==> flow/design.v <==
module sync_mag_cmp_n #(
    parameter DATA_WIDTH = 56
) (
    input  sys_clk,
    input  [DATA_WIDTH-1:0] A,
    input  [DATA_WIDTH-1:0] B,
    output gt,
    output eq
);
    reg [DATA_WIDTH-1:0] A_reg;
    always @(posedge sys_clk)
        A_reg <= A;
    reg [DATA_WIDTH-1:0] B_reg;
    always @(posedge sys_clk)
        B_reg <= B;
    localparam GROUPS = DATA_WIDTH / 4;
    wire [GROUPS:0] g;
    wire [GROUPS:0] e;
    assign g[0] = 1'b0;
    assign e[0] = 1'b1;
    genvar i;
    generate
        for (i = 0; i < GROUPS; i = i + 1) begin : row
            sync_mag_cmp_n_nib_cmp i_sub (.a(A_reg[4*i +: 4]), .b(B_reg[4*i +: 4]), .gi(g[i]), .ei(e[i]), .go(g[i+1]), .eo(e[i+1]));
        end
    endgenerate
    assign gt = g[GROUPS];
    assign eq = e[GROUPS];
endmodule
module sync_mag_cmp_n_nib_cmp (
    input wire [3:0] a,
    input wire [3:0] b,
    input wire gi,
    input wire ei,
    output wire go,
    output wire eo
);
    assign go = (a > b) | ((a == b) & gi);
    assign eo = (a == b) & ei;
endmodule
# From RTL to reports: sync_mag_cmp_n
# Tool output for the design above, in the order of the flow.
# Line numbers count from 1 in the design file above.
# Operators carry their Yosys type and port widths (W data, S select, Z words).
# Cell names lack the library's common part.
# The mark - stands for no value.
# setup
top_module	sync_mag_cmp_n
clock	sys_clk
library	sky130hd
lib_corner	tt_025C_1v80

# Word level
# Counts by Yosys on the flattened word-level netlist (proc, flatten, opt, wreduce; memories kept). Register bits leave out memories and registers merged into their read ports (data or address); mux counts leave out enables and synchronous resets folded into registers. Print and check cells are left out. Cells with the same type and inputs are merged into one.
# word_totals
regBits	112
in_bits	113
out_inout_bits	2
wordCells	69
# classes
n_cmp	14
equal	14
n_logic	39
# op_table
cell	n
$gt A4 B4 Y1	14
$eq A4 B4 Y1	14
$and A1 B1 Y1	26
$or A1 B1 Y1	13

# Logic depth
# Depth = most cells in a row (Yosys ltp): at word level without a register or memory, in the mapped netlist without a sequential cell, where the memories' decode and read muxes count.
# logic_depth
ltp_word	27
abc_area	0
depth_mapped	8

# After synthesis
# Source: synth_stat.txt of the flow (Yosys; design flattened, memories mapped). It holds for the ABC_AREA given above (unset counts as 0); a run with the other value may have another netlist.
# by_type
cell_type	n	area_total_um2
dfxtp_1	112	2242.15
ha_1	56	700.672
inv_1	61	228.97
nand4_1	12	75.072
a21oi_1	14	70.067
nor2b_1	7	43.792
nand2b_1	6	37.536
nor2_1	8	30.029
o211ai_1	4	30.029
o21a_1	4	30.029
o21ai_0	6	30.029
a2111oi_4	1	27.526
o2111ai_1	2	17.517
a211oi_1	2	15.014
a21o_1	2	15.014
nand2_1	4	15.014
nor4b_2	1	15.014
o21ai_1	3	15.014
# Other cell types: 16; their cells: 18.
# synth_totals
cell_count	323
mapped_area_um2	3776.1
seqArea_um2	2242.2
flip_flops	112
buf_cells	0
# The figures by module come from a second, unflattened synthesis with its own total; it is not the netlist above.
# hier_totals
hier_cells	338
hier_area_um2	3756.1
# Each row is one instance without its submodules.
# by_module
mod	n_inst	cells	mod_area_um2
sync_mag_cmp_n	1	114	2249.7
sync_mag_cmp_n_nib_cmp	14	16	107.6

# Path before layout
# OpenSTA on the mapped netlist: ideal clock, no wires. The path of least setup slack (recovery checks aside). Input and output delay are each 20% of the period. Register names are those of the netlist, which keeps one name where synthesis merged equal registers.
# synth_timing
path_type	register to output
start	reg B_reg[35]
end	out eq
clock_period_ns	2.47
arrival_ns	1.578
required_time_ns	1.976
slack_ns	0.398
delay_ns	1.578
stages	8
path_buffers	0
synth_period_reached_ns	2.072
# "delay_ns" = arrival - input delay + setup time.
# At an output port there is no setup time.
# "stages": output pins that drive a net of the path, with the launching flip-flop's if there is one; two outputs of one cell count as two.
# "synth_period_reached_ns" is the clock period less the worst setup slack; recovery checks do not enter. This is arithmetic on one report: input and output delays are still those of the set period (20% each).
# The rows between start and end are the longest chain of elaborated cells between them; the timing report does not say that the signal goes this way. Where chains are equally long, one stands for them.
# A line is the first line of the expression or statement that the cell stems from. Yosys adds cells for indexed reads and writes and turns some case tables into memories.
# synth_between
cell_sequence	dfxtp_1 -> inv_1 -> ha_1 -> nand4_1 -> nor2_1 -> nand3_1 -> nand4b_1 -> nor4_1
elab_chain_cells	7
cells_between	7
classes_between	eq/ne: 1; logic: 6
# synth_rtl
item	line_no	text
start: declaration	13	reg [DATA_WIDTH-1:0] B_reg;
start: assignment	15	B_reg <= B;
$eq A4 B4 Y1	39	assign eo = (a == b) & ei;
$and A1 B1 Y1 x6	39
end: declaration	8	output eq

# Timing after layout
# From the final timing report of flow run A: the path of least setup slack in the routed layout; clock arrival at registers is part of the times.
# layout_timing
path_type	register to output
start	reg A_reg[49]
end	out gt
clock_period_ns	2.47
arrival_ns	2.15
required_time_ns	1.98
slack_ns	-0.17
stages	9
path_buffers	2
# The rows between start and end are the longest chain of elaborated cells between them; the timing report does not say that the signal goes this way. Where chains are equally long, one stands for them.
# layout_between
cell_sequence	dfxtp_2 -> ha_4 -> buf_6 -> a2111oi_4 -> nor4b_4 -> o21ai_2 -> o211ai_1 -> a31o_1 -> buf_6
elab_chain_cells	5
cells_between	6
classes_between	compare: 1; eq/ne: 1; logic: 4
# layout_rtl
item	line_no	text
start: declaration	10	reg [DATA_WIDTH-1:0] A_reg;
start: assignment	12	A_reg <= A;
$eq A4 B4 Y1	38	assign go = (a > b) | ((a == b) & gi);
$and A1 B1 Y1	38
$or A1 B1 Y1	38
$and A1 B1 Y1	38
$or A1 B1 Y1	38
end: declaration	7	output gt,

# Module sync_mag_cmp_n, platform sky130hd: 3 stored runs of the flow (Yosys, OpenROAD) with differing settings, in no particular order. Input and output delays are each 20% of the period that was set; the output load is 0.01 pF.
# Settings: - = not set for that run.
# Results: - = not shown.
setting or result,flow run A,flow run B,flow run C
period_ns,2.47,1.29,2.41
CAP_MARGIN,20,10,40
CORE_MARGIN,2,2,6
CORE_UTILIZATION,40,38,68
SLEW_MARGIN,20,0,20
SETUP_SLACK_MARGIN,-,-0.07,-0.14
PLACE_DENSITY_LB_ADDON,-,0.06,-
CORE_ASPECT_RATIO,-,0.63,-
CELL_PAD_IN_SITES_GLOBAL_PLACEMENT,-,3,-
MIN_ROUTING_LAYER,-,met1,-
MAX_ROUTING_LAYER,-,met4,-
CELL_PAD_IN_SITES_DETAIL_PLACEMENT,-,-,0
TNS_END_PERCENT,-,-,45
GPL_TIMING_DRIVEN,-,-,1
GPL_ROUTABILITY_DRIVEN,-,-,1
synthesis_area_um2,3776.1,3776.1,-
post_route_util_frac,0.607,0.609,-
timing.setup.ws_ns,-0.170,-1.083,-
total_negative_slack_ns,-0.170,-1.985,-
die_footprint_um2,10233.3,10771.5,-
ws_hold_ns,0.555,0.341,-
# Flow run C: incomplete, placement halted on DPL-0033
